==> flow/design.v <==
module gen_data_mux_v2 #(
   parameter WIDTH = 1,
   parameter N_IN = 20,
   parameter SBITS = $clog2(N_IN)
) (
   input  i_clk,
   input  resetn,
   input  [N_IN*WIDTH-1:0] ch,
   input  [SBITS-1:0] sel,
   output [WIDTH-1:0] y
);
   reg [N_IN*WIDTH-1:0] ch_q;
   reg [SBITS-1:0] sel_q;
   always @(posedge i_clk or negedge resetn) begin
      if (~resetn) begin
         ch_q <= 0;
         sel_q <= 0;
      end else begin
         ch_q <= ch;
         sel_q <= sel;
      end
   end
   reg [WIDTH-1:0] nxt;
   integer i;
   always @* begin
      nxt = 0;
      for (i = 0; i < N_IN; i = i + 1)
         if (sel_q == i) nxt = ch_q[i*WIDTH +: WIDTH];
   end
   assign y = nxt;
endmodule
== Tool chain data of gen_data_mux_v2 ==
The steps from the RTL of gen_data_mux_v2 to its reports follow in flow order.
Line numbers count from 1 in the design file above.
Operators: Yosys type, input widths -> output width; for muxes data width and select width s.
A cell with n/a has no value.

* Top: gen_data_mux_v2
* Clock port: i_clk
* Library: sky130hd
* Library corner: tt_025C_1v80

== Word level ==
Yosys after proc, flatten, opt, wreduce and memory -nomap, before mapping. Enables and synchronous resets that opt folds into registers are not counted as muxes. Memory bits, and registers merged into a memory's read port (data or address), are not among the register bits. Print and check cells are not counted. Equal cells are merged and count once.

* Reduce/logical cells: 1
* Muxes and demuxes: 20
* Eq/ne operators: 19

{| class="wikitable"
|+ Operators by type and width
! cell !! number
|-
| $eq 5x4->1 const B || 8
|-
| $eq 5x3->1 const B || 4
|-
| $eq 5x5->1 const B || 4
|-
| $mux 1 || 20
|-
| $eq 5x2->1 const B || 2
|-
| $eq 5x1->1 const B || 1
|-
| $logic_not 5->1 || 1
|}

* Elaborated cells: 42
* Output and inout bits: 1
* Bits in registers: 25
* Input port bits: 27

== Longest topological paths ==
Longest topological path by Yosys (ltp), each cell counted once; first at word level (registers and memories cut), then after technology mapping (sequential cells cut; the memories' decode and read muxes count).

* Word-level depth: 21
* ABC_AREA: 0
* Gate-level depth with buffers: 7
* Gate-level depth less buffers: 5

== Synthesis result ==
The flow's flattened synthesis, as Yosys stat reports it; memories are mapped. The netlist is that of the ABC_AREA named above (0 if unset); the other value can give another one.

{| class="wikitable"
|+ Cell types
! type !! number !! area in all (sq um)
|-
| sky130_fd_sc_hd__dfrtp_1 || 25 || 625.6
|-
| sky130_fd_sc_hd__buf_2 || 5 || 25.024
|-
| sky130_fd_sc_hd__a21oi_1 || 4 || 20.019
|-
| sky130_fd_sc_hd__mux2i_1 || 2 || 20.019
|-
| sky130_fd_sc_hd__or4b_1 || 2 || 20.019
|-
| sky130_fd_sc_hd__nor2_1 || 5 || 18.768
|-
| sky130_fd_sc_hd__nor2b_1 || 3 || 18.768
|-
| sky130_fd_sc_hd__or3b_1 || 2 || 17.517
|-
| sky130_fd_sc_hd__nand2_1 || 4 || 15.014
|-
| sky130_fd_sc_hd__nor3b_1 || 2 || 15.014
|-
| sky130_fd_sc_hd__o21ai_0 || 3 || 15.014
|-
| sky130_fd_sc_hd__o21bai_1 || 2 || 15.014
|-
| sky130_fd_sc_hd__nand2b_1 || 2 || 12.512
|-
| sky130_fd_sc_hd__mux2_2 || 1 || 11.261
|-
| sky130_fd_sc_hd__o41a_1 || 1 || 11.261
|-
| sky130_fd_sc_hd__a311o_1 || 1 || 10.01
|-
| sky130_fd_sc_hd__nor3_1 || 2 || 10.01
|-
| sky130_fd_sc_hd__o311ai_0 || 1 || 8.758
|}

Other cell types: 8; their cells: 8.

* Cells in the netlist: 75
* Area of sequential cells: 625.6 sq um
* Buffers: 5
* Mapped flip-flops: 25
* Chip area (Yosys): 948.4 sq um

== Path before layout ==
Path of least setup slack by OpenSTA after synthesis, without wires, with an ideal clock, recovery checks aside; 20% of the period is set as input and as output delay. Where synthesis merged equal registers, the netlist keeps one of their names.

* Path kind: register to output
* Start: register sel_q[2]
* End: output port y[0]
* External output delay: 520 ps
* Stages on the path: 6
* Path delay: 1666 ps
* Setup slack: 414 ps
* Arrival: 1666 ps
* Time at the first pin: 0 ps
* Period: 2600 ps
* Required time: 2080 ps
* Buffers on the path: 0
* Synthesis period reached: 2186 ps

"path delay" is the arrival time less input delay plus setup time.
A path that ends at an output port has no setup time.
"stages on the path": output pins that drive a net of the path, with the launching flip-flop's if there is one; two outputs of one cell count as two.
"synthesis period reached" is the clock period less the worst setup slack; recovery checks do not enter. This is arithmetic on one report: input and output delays are still those of the set period (20% each).
Between the ends stands the longest chain of elaborated cells between them, by number of cells; it is not shown to be the way that was timed. Of several equally long chains one is given.
A line is the first line of the expression or statement that the cell stems from. Yosys adds cells for indexed reads and writes and turns some case tables into memories.

* Path through: sky130_fd_sc_hd__dfrtp_1 -> sky130_fd_sc_hd__nand2b_1 -> sky130_fd_sc_hd__or4_1 -> sky130_fd_sc_hd__o41a_1 -> sky130_fd_sc_hd__a311o_1 -> sky130_fd_sc_hd__a21oi_1
* Cells in the longest elaborated chain: 21
* Elaborated cells between the ends (all ways): 40
* Source lines of those cells: 1
* Classes of those cells: 19 x eq/ne; 20 x mux; 1 x reduce/logical

{| class="wikitable"
|+ RTL lines, path post-synthesis
! what !! RTL line !! RTL
|-
| from (decl) || 13 || <nowiki>reg [SBITS-1:0] sel_q;</nowiki>
|-
| from (assign) || 17 || <nowiki>sel_q <= 0;</nowiki>
|-
| from (assign) || 20 || <nowiki>sel_q <= sel;</nowiki>
|-
| $logic_not 5->1 || 28 || <nowiki>if (sel_q == i) nxt = ch_q[i*WIDTH +: WIDTH];</nowiki>
|-
| $mux 1 x20 || 28 ||
|-
| to (decl) || 10 || <nowiki>output [WIDTH-1:0] y</nowiki>
|}

== Worst path after layout ==
Path of least setup slack in the final report of record 1 (OpenROAD, finished layout, wires in). Where an end is a register, its clock arrival counts in the times.
The path's times are printed in steps of 10 ps; the period is the one set.

* Path kind: register to output
* Start: register sel_q[2]
* End: output port y[0]
* Period: 2720 ps
* Required time: 2180 ps
* Setup slack: 60 ps
* External output delay: 540 ps
* Arrival: 2110 ps
* Stages on the path: 7
* Time at the first pin: 320 ps
* Buffers on the path: 1

Between the ends stands the longest chain of elaborated cells between them, by number of cells; it is not shown to be the way that was timed. Of several equally long chains one is given.

* Path through: sky130_fd_sc_hd__dfrtp_1 -> sky130_fd_sc_hd__nand2b_1 -> sky130_fd_sc_hd__or4_1 -> sky130_fd_sc_hd__o41a_1 -> sky130_fd_sc_hd__a311o_1 -> sky130_fd_sc_hd__a21oi_1 -> sky130_fd_sc_hd__clkbuf_2
* Cells in the longest elaborated chain: 21
* Elaborated cells between the ends (all ways): 40
* Source lines of those cells: 1
* Classes of those cells: 19 x eq/ne; 20 x mux; 1 x reduce/logical

{| class="wikitable"
|+ RTL lines, path post-layout
! what !! RTL line !! RTL
|-
| from (decl) || 13 || <nowiki>reg [SBITS-1:0] sel_q;</nowiki>
|-
| from (assign) || 17 || <nowiki>sel_q <= 0;</nowiki>
|-
| from (assign) || 20 || <nowiki>sel_q <= sel;</nowiki>
|-
| $logic_not 5->1 || 28 || <nowiki>if (sel_q == i) nxt = ch_q[i*WIDTH +: WIDTH];</nowiki>
|-
| $mux 1 x20 || 28 ||
|-
| to (decl) || 10 || <nowiki>output [WIDTH-1:0] y</nowiki>
|}

--- measured runs ---
Flow measurements of gen_data_mux_v2 on sky130hd: 3 stored runs with different settings, listed in no order. Input and output delays are each 20% of the period that was set; the output load is 0.01 pF.
"period reached" is the run's clock period less its worst setup slack. It is reckoned from that one timing run; input and output delays stay at 20% of the period that was set.
"time of the worst setup path" = time allowed to the worst setup path (clock period - input delay - output delay, where it has them) - its slack; a late launch clock adds to it, a late capture clock takes from it.
"total power of the final layout" rests on the timing tool's default activity at the inputs, not on a simulated workload.
"time of the worst setup path" is known to 10 ps.

=== Record 1 ===
{| class="wikitable"
! Setting !! Value
|-
| period_ns || 2.72
|-
| CORE_UTILIZATION || 30
|-
| SETUP_SLACK_MARGIN || -0.14
|-
| PLACE_DENSITY_LB_ADDON || 0.29
|-
| HOLD_SLACK_MARGIN || -0.05
|-
| CELL_PAD_IN_SITES_GLOBAL_PLACEMENT || 3
|-
| TNS_END_PERCENT || 35
|-
| GPL_ROUTABILITY_DRIVEN || 1
|-
| CTS_CLUSTER_SIZE || 65
|-
| SLEW_MARGIN || 20
|-
| CAP_MARGIN || 20
|-
| CORE_MARGIN || 2
|-
! Result !! Value
|-
| Utilization after layout || 0.438
|-
| Period reached || 2658 ps
|-
| Total power of the final layout || 661.6 µW
|-
| Standard-cell area after layout || 1327.5 sq um
|-
| Setup slack of the worst path || 62 ps
|-
| Time of the worst setup path || 2110 ps
|-
| Worst setup path type || register to output
|-
| Full die area || 3627.1 sq um
|-
| Post-synthesis cell area || 948.4 sq um
|}

=== Record 2 ===
{| class="wikitable"
! Setting !! Value
|-
| period_ns || 2.6
|-
| CAP_MARGIN || 20
|-
| CORE_MARGIN || 2
|-
| CORE_UTILIZATION || 40
|-
| SLEW_MARGIN || 20
|-
! Result !! Value
|-
| Utilization after layout || 0.623
|-
| Period reached || 2573 ps
|-
| Total power of the final layout || 706.2 µW
|-
| Standard-cell area after layout || 1391.3 sq um
|-
| Setup slack of the worst path || 27 ps
|-
| Time of the worst setup path || 2050 ps
|-
| Worst setup path type || register to output
|-
| Full die area || 2776.8 sq um
|-
| Post-synthesis cell area || 948.4 sq um
|}

=== Record 3 ===
{| class="wikitable"
! Setting !! Value
|-
| period_ns || 1.64
|-
| CORE_UTILIZATION || 15
|-
| SETUP_SLACK_MARGIN || 0.06
|-
| PLACE_DENSITY_LB_ADDON || 0.1
|-
| CTS_CLUSTER_SIZE || 13
|-
| CAP_MARGIN || 15
|-
| SLEW_MARGIN || 10
|-
| CORE_MARGIN || 2
|-
! Result !! Value
|-
| Utilization after layout || 0.247
|-
| Period reached || 2305 ps
|-
| Total power of the final layout || 1222 µW
|-
| Standard-cell area after layout || 1487.7 sq um
|-
| Setup slack of the worst path || -665 ps
|-
| Time of the worst setup path || 1980 ps
|-
| Worst setup path type || register to output
|-
| Full die area || 6974.8 sq um
|-
| Post-synthesis cell area || 948.4 sq um
|}
--- end ---
